==> flow/design.v <==
module alu_mult_v2 #(
    parameter NBITS = 10
) (
    input  wire core_clk,
    input  wire [NBITS-1:0] da_in,
    input  wire [NBITS-1:0] db_in,
    output wire [2*NBITS-1:0] result_out
);
    reg [2*NBITS-1:0] cur;
    integer i;
    always @(*) begin
        cur = 0;
        for (i = 0; i < NBITS; i = i + 1)
            if (db_in[i]) cur = cur + (da_in << i);
    end
    reg [2*NBITS-1:0] result_s;
    always @(posedge core_clk) begin
        result_s <= cur;
    end
    assign result_out = result_s;
endmodule
# Tool chain data of alu_mult_v2
# What the tools print for alu_mult_v2, step after step.
# Line numbers count from 1 in the design file above.
# Operators: Yosys type, input widths -> output width; for muxes data width and select width s.
inputs:
  top: "alu_mult_v2"
  clock_port: "core_clk"
  library: "sky130hd"
  pvt_corner: "tt_025C_1v80"

# Word-level counts
# Yosys after proc, flatten, opt, wreduce and memory -nomap, before mapping. Enables and synchronous resets that opt folds into registers are not counted as muxes. Memory bits, and registers merged into a memory's read port (data or address), are not among the register bits. Print and check cells are not counted. Equal cells are merged and count once.
bits:
  regBits: 20
  out_inout_bits: 20
  input_bits: 21
op_classes:
  n_mux: 10
  n_addsub: 9
ops:
  columns: ["cell", "count"]
  rows:
  - ["$mux 20", 9]
  - ["$add 20x11->20", 1]
  - ["$add 20x12->20", 1]
  - ["$add 20x13->20", 1]
  - ["$add 20x14->20", 1]
  - ["$add 20x15->20", 1]
  - ["$add 20x16->20", 1]
  - ["$add 20x17->20", 1]
  - ["$add 20x18->20", 1]
  - ["$add 20x19->20", 1]
  - ["$mux 10", 1]

# Depth
# Depth = most cells in a row (Yosys ltp): at word level without a register or memory, in the mapped netlist without a sequential cell, where the memories' decode and read muxes count.
depth:
  ltp_word: 19
  abc_area: 0
  mapped_depth: 62
  mapped_depth_nobuf: 61

# Synthesis result
# Source: synth_stat.txt of the flow (Yosys; design flattened, memories mapped). It holds for the ABC_AREA given above (unset counts as 0); a run with the other value may have another netlist.
# The area totals of this step are shown rounded.
synth_totals:
  sequential_area_mm2: 0.0004004
  flip_flops: 20
  synth_area_mm2: 0.005492
  cell_count: 742
by_type:
  columns: ["type", "count", "type_area_um2"]
  rows:
  - ["sky130_fd_sc_hd__ha_1", 87, 1.09E+03]
  - ["sky130_fd_sc_hd__dfxtp_1", 20, 400.384]
  - ["sky130_fd_sc_hd__a21oi_1", 60, 300.288]
  - ["sky130_fd_sc_hd__xnor2_1", 29, 253.994]
  - ["sky130_fd_sc_hd__nand2_1", 66, 247.738]
  - ["sky130_fd_sc_hd__o21ai_0", 46, 230.221]
  - ["sky130_fd_sc_hd__nor2_1", 58, 217.709]
  - ["sky130_fd_sc_hd__a21o_1", 28, 210.202]
  - ["sky130_fd_sc_hd__fa_1", 9, 180.173]
  - ["sky130_fd_sc_hd__mux2_2", 16, 180.173]
  - ["sky130_fd_sc_hd__inv_1", 44, 165.158]
  - ["sky130_fd_sc_hd__xor2_1", 18, 157.651]
  - ["sky130_fd_sc_hd__o21a_1", 18, 135.13]
  - ["sky130_fd_sc_hd__nor3_1", 23, 115.11]
  - ["sky130_fd_sc_hd__mux2i_1", 10, 100.096]
  - ["sky130_fd_sc_hd__nor2b_1", 16, 100.096]
  - ["sky130_fd_sc_hd__a211oi_1", 12, 90.086]
  - ["sky130_fd_sc_hd__a31oi_1", 11, 68.816]
# Not listed: further types 57, cells in them 171.

# Worst setup path after synthesis
# Source: OpenSTA report_checks on the synthesized netlist (no wires, ideal clock, input and output delay 20% of the period each), path of least setup slack; recovery checks are left aside. Register names are those of the netlist, which keeps one name where synthesis merged equal registers.
synth_path:
  kind: "input-to-reg"
  start: "in db_in[0]"
  end: "reg result_s[18]"
  t_arrival_ps: 13587
  stages: 55
  launch_ps: 3260
  tclk_ps: 16300
  path_delay_ps: 10448
  required_ps: 16179
  setup_slack_ps: 2592
  path_buffers: 1
  period_less_setup_slack_ps: 13708
# "path_delay_ps" is the arrival time less input delay plus setup time.
# "stages" counts driving pins, that of a launching flip-flop among them; a cell with two outputs on the path counts twice.
# "period_less_setup_slack_ps" = period - worst setup slack (recovery checks aside). The figure is calculated, with input and output delays left at 20% of the set period.
# The rows between start and end are the longest chain of elaborated cells between them; the timing report does not say that the signal goes this way. Where chains are equally long, one stands for them.
# Each line given opens the expression or statement behind the cell; cells for indexed reads and writes are added by Yosys, which also makes memories of some case tables.
synth_between:
  path_cell_list: "sky130_fd_sc_hd__buf_4 -> sky130_fd_sc_hd__and2_1 -> sky130_fd_sc_hd__ha_1 -> sky130_fd_sc_hd__inv_1 -> sky130_fd_sc_hd__fa_1 -> sky130_fd_sc_hd__nor2b_1 -> sky130_fd_sc_hd__o21bai_1 -> sky130_fd_sc_hd__and3b_1 -> sky130_fd_sc_hd__o31ai_1 -> sky130_fd_sc_hd__ha_1 -> sky130_fd_sc_hd__o21a_1 -> sky130_fd_sc_hd__o31a_1 -> sky130_fd_sc_hd__or4_1 -> sky130_fd_sc_hd__o2111ai_1 -> sky130_fd_sc_hd__o21ai_2 -> sky130_fd_sc_hd__ha_1 -> sky130_fd_sc_hd__or3_1 -> sky130_fd_sc_hd__a21oi_1 -> (+19 left out) -> sky130_fd_sc_hd__a41oi_1 -> sky130_fd_sc_hd__xnor2_1 -> sky130_fd_sc_hd__mux2_2 -> sky130_fd_sc_hd__ha_1 -> sky130_fd_sc_hd__a21o_1 -> sky130_fd_sc_hd__a41oi_1 -> sky130_fd_sc_hd__mux2i_1 -> sky130_fd_sc_hd__or2_1 -> sky130_fd_sc_hd__ha_1 -> sky130_fd_sc_hd__a21o_1 -> sky130_fd_sc_hd__a31oi_1 -> sky130_fd_sc_hd__mux2i_1 -> sky130_fd_sc_hd__or2_2 -> sky130_fd_sc_hd__ha_1 -> sky130_fd_sc_hd__a21o_1 -> sky130_fd_sc_hd__a31oi_1 -> sky130_fd_sc_hd__xnor2_1 -> sky130_fd_sc_hd__mux2_2"
  elab_chain_len: 19
  cone_cells: 19
  lines_between: 1
synth_lines:
  columns: ["item", "line_no", "source"]
  rows:
  - ["start: declaration", 6, "input  wire [NBITS-1:0] db_in,"]
  - ["$mux 10", 14, "if (db_in[i]) cur = cur + (da_in << i);"]
  - ["$add 20x11->20", 14, null]
  - ["$mux 20", 14, null]
  - ["$add 20x12->20", 14, null]
  - ["$mux 20", 14, null]
  - ["$add 20x13->20", 14, null]
  - ["$mux 20", 14, null]
  - ["(+5 left out)", null, null]
  - ["$mux 20", 14, null]
  - ["$add 20x17->20", 14, null]
  - ["$mux 20", 14, null]
  - ["$add 20x18->20", 14, null]
  - ["$mux 20", 14, null]
  - ["$add 20x19->20", 14, null]
  - ["$mux 20", 14, null]
  - ["end: assignment", 18, "result_s <= cur;"]
  - ["end: declaration", 16, "reg [2*NBITS-1:0] result_s;"]

# Path in the finished layout
# From the final timing report of entry A: the path of least setup slack in the routed layout; clock arrival at registers is part of the times.
# The path's times are printed in steps of 10 ps; the period is the one set.
layout_path:
  kind: "input-to-reg"
  start: "in da_in[2]"
  end: "reg result_s[19]"
  launch_ps: 4560
  path_buffers: 1
  stages: 54
  setup_slack_ps: 4160
  required_ps: 22960
  t_arrival_ps: 18810
  tclk_ps: 22800
# The rows between start and end are the longest chain of elaborated cells between them; the timing report does not say that the signal goes this way. Where chains are equally long, one stands for them.
layout_between:
  path_cell_list: "sky130_fd_sc_hd__clkdlybuf4s15_2 -> sky130_fd_sc_hd__nand2_1 -> sky130_fd_sc_hd__fa_1 -> sky130_fd_sc_hd__nor2b_4 -> sky130_fd_sc_hd__o21bai_1 -> sky130_fd_sc_hd__and3b_1 -> sky130_fd_sc_hd__o31ai_2 -> sky130_fd_sc_hd__ha_1 -> sky130_fd_sc_hd__o21ai_0 -> sky130_fd_sc_hd__nor2_1 -> sky130_fd_sc_hd__o21ai_0 -> sky130_fd_sc_hd__o21a_1 -> sky130_fd_sc_hd__ha_1 -> sky130_fd_sc_hd__nor2b_1 -> sky130_fd_sc_hd__o31a_1 -> sky130_fd_sc_hd__a21oi_1 -> sky130_fd_sc_hd__nor2_1 -> sky130_fd_sc_hd__a211oi_2 -> (+18 left out) -> sky130_fd_sc_hd__ha_2 -> sky130_fd_sc_hd__or3_1 -> sky130_fd_sc_hd__o21ai_0 -> sky130_fd_sc_hd__a21oi_1 -> sky130_fd_sc_hd__mux2i_1 -> sky130_fd_sc_hd__nor3_4 -> sky130_fd_sc_hd__inv_1 -> sky130_fd_sc_hd__ha_1 -> sky130_fd_sc_hd__a21o_1 -> sky130_fd_sc_hd__or3_1 -> sky130_fd_sc_hd__nand2_1 -> sky130_fd_sc_hd__a21oi_1 -> sky130_fd_sc_hd__ha_1 -> sky130_fd_sc_hd__a21oi_1 -> sky130_fd_sc_hd__o21ai_1 -> sky130_fd_sc_hd__a21o_1 -> sky130_fd_sc_hd__a21oi_1 -> sky130_fd_sc_hd__nor2b_1"
  elab_chain_len: 19
  cone_cells: 19
  lines_between: 1
layout_lines:
  columns: ["item", "line_no", "source"]
  rows:
  - ["start: declaration", 5, "input  wire [NBITS-1:0] da_in,"]
  - ["$mux 10", 14, "if (db_in[i]) cur = cur + (da_in << i);"]
  - ["$add 20x11->20", 14, null]
  - ["$mux 20", 14, null]
  - ["$add 20x12->20", 14, null]
  - ["$mux 20", 14, null]
  - ["$add 20x13->20", 14, null]
  - ["$mux 20", 14, null]
  - ["(+5 left out)", null, null]
  - ["$mux 20", 14, null]
  - ["$add 20x17->20", 14, null]
  - ["$mux 20", 14, null]
  - ["$add 20x18->20", 14, null]
  - ["$mux 20", 14, null]
  - ["$add 20x19->20", 14, null]
  - ["$mux 20", 14, null]
  - ["end: assignment", 18, "result_s <= cur;"]
  - ["end: declaration", 16, "reg [2*NBITS-1:0] result_s;"]

# Record of 3 stored runs of the RTL-to-layout flow on alu_mult_v2, platform sky130hd. The runs are unordered. Constraints: input delay and output delay 20% of the set period each, output load 0.01 pF.
# "period_less_ws_ps" means the clock period less the worst setup slack. The figure is calculated, with input and output delays left at 20% of the set period.
# "worst_setup_path_time_ps" = time allowed to the worst setup path (clock period - input delay - output delay, where it has them) - its slack; a late launch clock adds to it, a late capture clock takes from it.
# "worst_setup_path_time_ps" is known to 10 ps.
# Measured values are rounded.
runs:
  - name: "entry A"
    settings:
      period_ns: 22.8
      CORE_UTILIZATION: 45
      SETUP_SLACK_MARGIN: 5.0
      PLACE_DENSITY_LB_ADDON: 0.25
      CORE_ASPECT_RATIO: 1.9
      CELL_PAD_IN_SITES_GLOBAL_PLACEMENT: 2
      CELL_PAD_IN_SITES_DETAIL_PLACEMENT: 2
      TNS_END_PERCENT: 20
      GPL_ROUTABILITY_DRIVEN: 1
      SLEW_MARGIN: 35
      CAP_MARGIN: 20
      CORE_MARGIN: 2
    results:
      layout_utilization_pct: 53.1
      ys_area_mm2: 0.005492
      layout_stdcell_area_mm2: 0.006324
      worst_setup_path_time_ps: 14080
      worst_path_kind: "input-to-reg"
      final_hold_ws_ps: 4730
      setup_worst_slack_ps: 4155
      dieArea_mm2: 0.01315
      period_less_ws_ps: 18645
  - name: "entry B"
    settings:
      period_ns: 16.3
      CAP_MARGIN: 20
      CORE_MARGIN: 2
      CORE_UTILIZATION: 40
      SLEW_MARGIN: 20
    results:
      layout_utilization_pct: 46.7
      ys_area_mm2: 0.005492
      layout_stdcell_area_mm2: 0.006235
      worst_setup_path_time_ps: 12180
      worst_path_kind: "input-to-reg"
      final_hold_ws_ps: 3754
      setup_worst_slack_ps: 865
      dieArea_mm2: 0.01468
      period_less_ws_ps: 15435
  - name: "entry C"
    settings:
      period_ns: 16.1
      CORE_UTILIZATION: 70
      PLACE_DENSITY_LB_ADDON: 0.07
      CORE_ASPECT_RATIO: 0.5
      CELL_PAD_IN_SITES_GLOBAL_PLACEMENT: 3
      TNS_END_PERCENT: 85
      ABC_AREA: 0
      CTS_CLUSTER_SIZE: 68
      CTS_CLUSTER_DIAMETER: 123
      MIN_ROUTING_LAYER: "met1"
      CAP_MARGIN: 20
      CORE_MARGIN: 2
      SLEW_MARGIN: 20
    outcome: "incomplete, placement halted on FLW-0024"
